==> flow/design.v <==
module core_data_mux_n #(
  parameter int DW = 12,
  parameter int NUM = 4,
  parameter int LG = $clog2(NUM)
) (
  input  logic clock,
  input  logic rst_n,
  input  logic step,
  input  logic [NUM*DW-1:0] d,
  input  logic [LG-1:0] sel,
  output logic [DW-1:0] out
);
  logic [NUM*DW-1:0] d_q;
  logic [LG-1:0] sel_q;
  logic [DW-1:0] out_q;
  always_ff @(posedge clock) begin
    if (~rst_n) begin
      d_q <= '0;
      sel_q <= '0;
      out_q <= '0;
    end else if (step) begin
      d_q <= d;
      sel_q <= sel;
      out_q <= d_q[sel_q*DW +: DW];
    end
  end
  assign out = out_q;
endmodule
==> reports on core_data_mux_n <==
* From RTL to reports: core_data_mux_n *
Tool output for the members of one design family, told apart by "NUM", in the order of the flow.
The file above is the member NUM=4. Line numbers count from 1 in each member's own file.
Not given: --

design
  design top = core_data_mux_n
  clock port = clock
  standard-cell library = sky130hd
  timing corner = tt_025C_1v80

* Source of the members *
New or changed lines of each further member against the RTL above, in its own file; lines it lacks are not shown.

lines new or changed
  NUM  line  text
  12   3     parameter int NUM = 12,
  24   3     parameter int NUM = 24,

* Word level *
Yosys after proc, flatten, opt, wreduce and memory -nomap, before mapping. Enables and synchronous resets that opt folds into registers are not counted as muxes. Memory bits, and registers merged into a memory's read port (data or address), are not among the register bits. Print and check cells are not counted. Equal cells are merged and count once.

storage and ports
  NUM  register bits after elaboration  input bits  word-level cells
  4    62                               53          5
  12   160                              151         5
  24   305                              296         5

cells by class
  NUM  multipliers  shift operators
  4    1            1
  12   1            1
  24   1            1

operators by type and width
  NUM  kind and count
  4    variable part select 48 x 7 -> 12 bit: 1; multiplier 2 x 2 -> 4 bit (second input constant): 1
  12   variable part select 144 x 9 -> 12 bit: 1; multiplier 4 x 2 -> 6 bit (second input constant): 1
  24   variable part select 288 x 10 -> 12 bit: 1; multiplier 5 x 2 -> 7 bit (second input constant): 1

* Longest topological paths *
Depth = most cells in a row (Yosys ltp): at word level without a register or memory, in the mapped netlist without a sequential cell, where the memories' decode and read muxes count.

logic depth
  NUM  depth in word-level cells  ABC_AREA  gate-level depth with buffers  mapped depth without buffers
  4    2                          0         4                              2
  12   2                          0         6                              4
  24   2                          0         7                              4

* Netlist *
The flow's flattened synthesis, as Yosys stat reports it; memories are mapped. The netlist is that of the ABC_AREA named above (0 if unset); the other value can give another one.
The area totals of this step are shown rounded.

cells by type
  NUM  types with counts
  4    sky130_fd_sc_hd__dfxtp_1: 62; sky130_fd_sc_hd__mux2i_1: 74; sky130_fd_sc_hd__nor2b_1: 50; sky130_fd_sc_hd__buf_8: 7; sky130_fd_sc_hd__o221ai_1: 12; sky130_fd_sc_hd__nand3b_1: 12; sky130_fd_sc_hd__buf_6: 3; sky130_fd_sc_hd__nand3b_4: 1; sky130_fd_sc_hd__clkbuf_1: 5; sky130_fd_sc_hd__nand3_4: 1; sky130_fd_sc_hd__buf_2: 3; sky130_fd_sc_hd__buf_4: 1
  12   sky130_fd_sc_hd__dfxtp_1: 160; sky130_fd_sc_hd__mux2i_1: 220; sky130_fd_sc_hd__nor2b_1: 149; sky130_fd_sc_hd__a22oi_1: 24; sky130_fd_sc_hd__buf_4: 13; sky130_fd_sc_hd__o211ai_1: 12; sky130_fd_sc_hd__o221ai_2: 6; sky130_fd_sc_hd__buf_2: 16; sky130_fd_sc_hd__clkbuf_1: 20; sky130_fd_sc_hd__o221ai_1: 6; sky130_fd_sc_hd__nand2_1: 12; sky130_fd_sc_hd__buf_6: 3; sky130_fd_sc_hd__o21ai_0: 6; sky130_fd_sc_hd__o21ai_1: 6; sky130_fd_sc_hd__nand3b_1: 2; sky130_fd_sc_hd__or3b_4: 1; sky130_fd_sc_hd__and2b_1: 1; sky130_fd_sc_hd__and2_1: 1; sky130_fd_sc_hd__nor2_1: 1
  24   sky130_fd_sc_hd__dfxtp_1: 305; sky130_fd_sc_hd__mux2i_1: 389; sky130_fd_sc_hd__nor2b_1: 294; sky130_fd_sc_hd__mux4_2: 23; sky130_fd_sc_hd__buf_2: 43; sky130_fd_sc_hd__clkbuf_1: 39; sky130_fd_sc_hd__o22ai_2: 10; sky130_fd_sc_hd__nand2_1: 25; sky130_fd_sc_hd__a22oi_1: 12; sky130_fd_sc_hd__o22ai_1: 14; sky130_fd_sc_hd__a211oi_1: 11; sky130_fd_sc_hd__o21ai_0: 16; sky130_fd_sc_hd__nand4_1: 12; sky130_fd_sc_hd__a31oi_1: 11; sky130_fd_sc_hd__buf_4: 6; sky130_fd_sc_hd__buf_6: 4; sky130_fd_sc_hd__o21ai_1: 7; sky130_fd_sc_hd__dlygate4sd1_1: 3; (+18)

The mark (+n) counts cells that are not listed.

mapped netlist
  NUM  mapped cells  mapped area (mm²)  flip-flop cells  buffer cells
  4    231           0.00271            62               19
  12   659           0.00719            160              52
  24   1242          0.0137             305              97

* Worst setup path after synthesis *
Path of least setup slack by OpenSTA after synthesis, without wires, with an ideal clock, recovery checks aside; 20% of the period is set as input and as output delay. Where synthesis merged equal registers, the netlist keeps one of their names.

timing after synthesis
  NUM  kind        from               to                  period (ns)  path slack (ns)  stages  path delay (ns)  synthesis period reached (ns)
  4    reg-to-reg  register sel_q[1]  register out_q[0]   1.25         0.247            5       1.003            1.003
  12   reg-to-reg  register sel_q[2]  register out_q[1]   1.58         0.313            6       1.267            1.267
  24   reg-to-reg  register sel_q[0]  register out_q[10]  2.0          0.398            6       1.602            1.602

"path delay" is the arrival time less input delay plus setup time.
"stages": output pins that drive a net of the path, with the launching flip-flop's if there is one; two outputs of one cell count as two.
"synthesis period reached" is the clock period less the worst setup slack; recovery checks do not enter. This is arithmetic on one report: input and output delays are still those of the set period (20% each).
The rows between start and end are the longest chain of elaborated cells between them; the timing report does not say that the signal goes this way. Where chains are equally long, one stands for them.
Each line given opens the expression or statement behind the cell; cells for indexed reads and writes are added by Yosys, which also makes memories of some case tables.

between the ends, after synthesis, NUM=4
  length of the longest elaborated chain = 2

ends and longest elaborated chain, after synthesis, NUM=4
  element                                line  text
  from (decl)                            14    logic [LG-1:0] sel_q;
  from (assign)                          19    sel_q <= '0;
  from (assign)                          23    sel_q <= sel;
  multiplier 2 x 2 -> 4 bit              24    out_q <= d_q[sel_q*DW +: DW];
  variable part select 48 x 7 -> 12 bit  24
  to (assign)                            20    out_q <= '0;
  to (assign)                            24
  to (decl)                              15    logic [DW-1:0] out_q;

between the ends, after synthesis, NUM=24
  length of the longest elaborated chain = 2

ends and longest elaborated chain, after synthesis, NUM=24
  element                                  line  text
  from (decl)                              14    logic [LG-1:0] sel_q;
  from (assign)                            19    sel_q <= '0;
  from (assign)                            23    sel_q <= sel;
  multiplier 5 x 2 -> 7 bit                24    out_q <= d_q[sel_q*DW +: DW];
  variable part select 288 x 10 -> 12 bit  24
  to (assign)                              20    out_q <= '0;
  to (assign)                              24
  to (decl)                                15    logic [DW-1:0] out_q;

* Worst path after layout *
From the final timing report of the run of each member: the path of least setup slack in the routed layout; clock arrival at registers is part of the times.

timing after layout
  NUM  kind           from               to                  period (ns)  path slack (ns)  stages  arrival (ns)  buffers on the path
  4    reg-to-output  register out_q[2]  output out[2]       1.25         0.05             2       0.95          1
  12   reg-to-reg     register sel_q[0]  register out_q[10]  1.58         0.08             6       1.79          1
  24   reg-to-reg     register sel_q[0]  register out_q[8]   2.0          0.07             5       2.30          1

* Layout results *
Settings and results of one run of the flow (Yosys, OpenROAD) for each member follow. The constraints put input and output delay at 20% of the set period each and load the outputs with 0.01 pF.

flow settings
  CAP_MARGIN = 20
  CORE_MARGIN = 2
  CORE_UTILIZATION = 40
  SLEW_MARGIN = 20

settings that differ
  NUM  period_ns
  4    1.25
  12   1.58
  24   2.0

results
  NUM  cell area after synthesis (mm²)  overall die area (mm²)  post-route utilization (%)  setup slack of the worst path (ns)  post-route setup TNS (ns)  lowest hold slack (ns)  period achieved (ns)
  4    0.00271                          0.00744                 55.4                        0.052                               0.000                      0.368                   1.198
  12   0.00719                          0.0191                  54.5                        0.080                               0.000                      0.181                   1.500
  24   0.0137                           0.0359                  55.1                        0.066                               0.000                      0.341                   1.934

"period achieved" is the run's clock period less its worst setup slack. It is reckoned from that one timing run; input and output delays stay at 20% of the period that was set.
Values from the reports are rounded here.
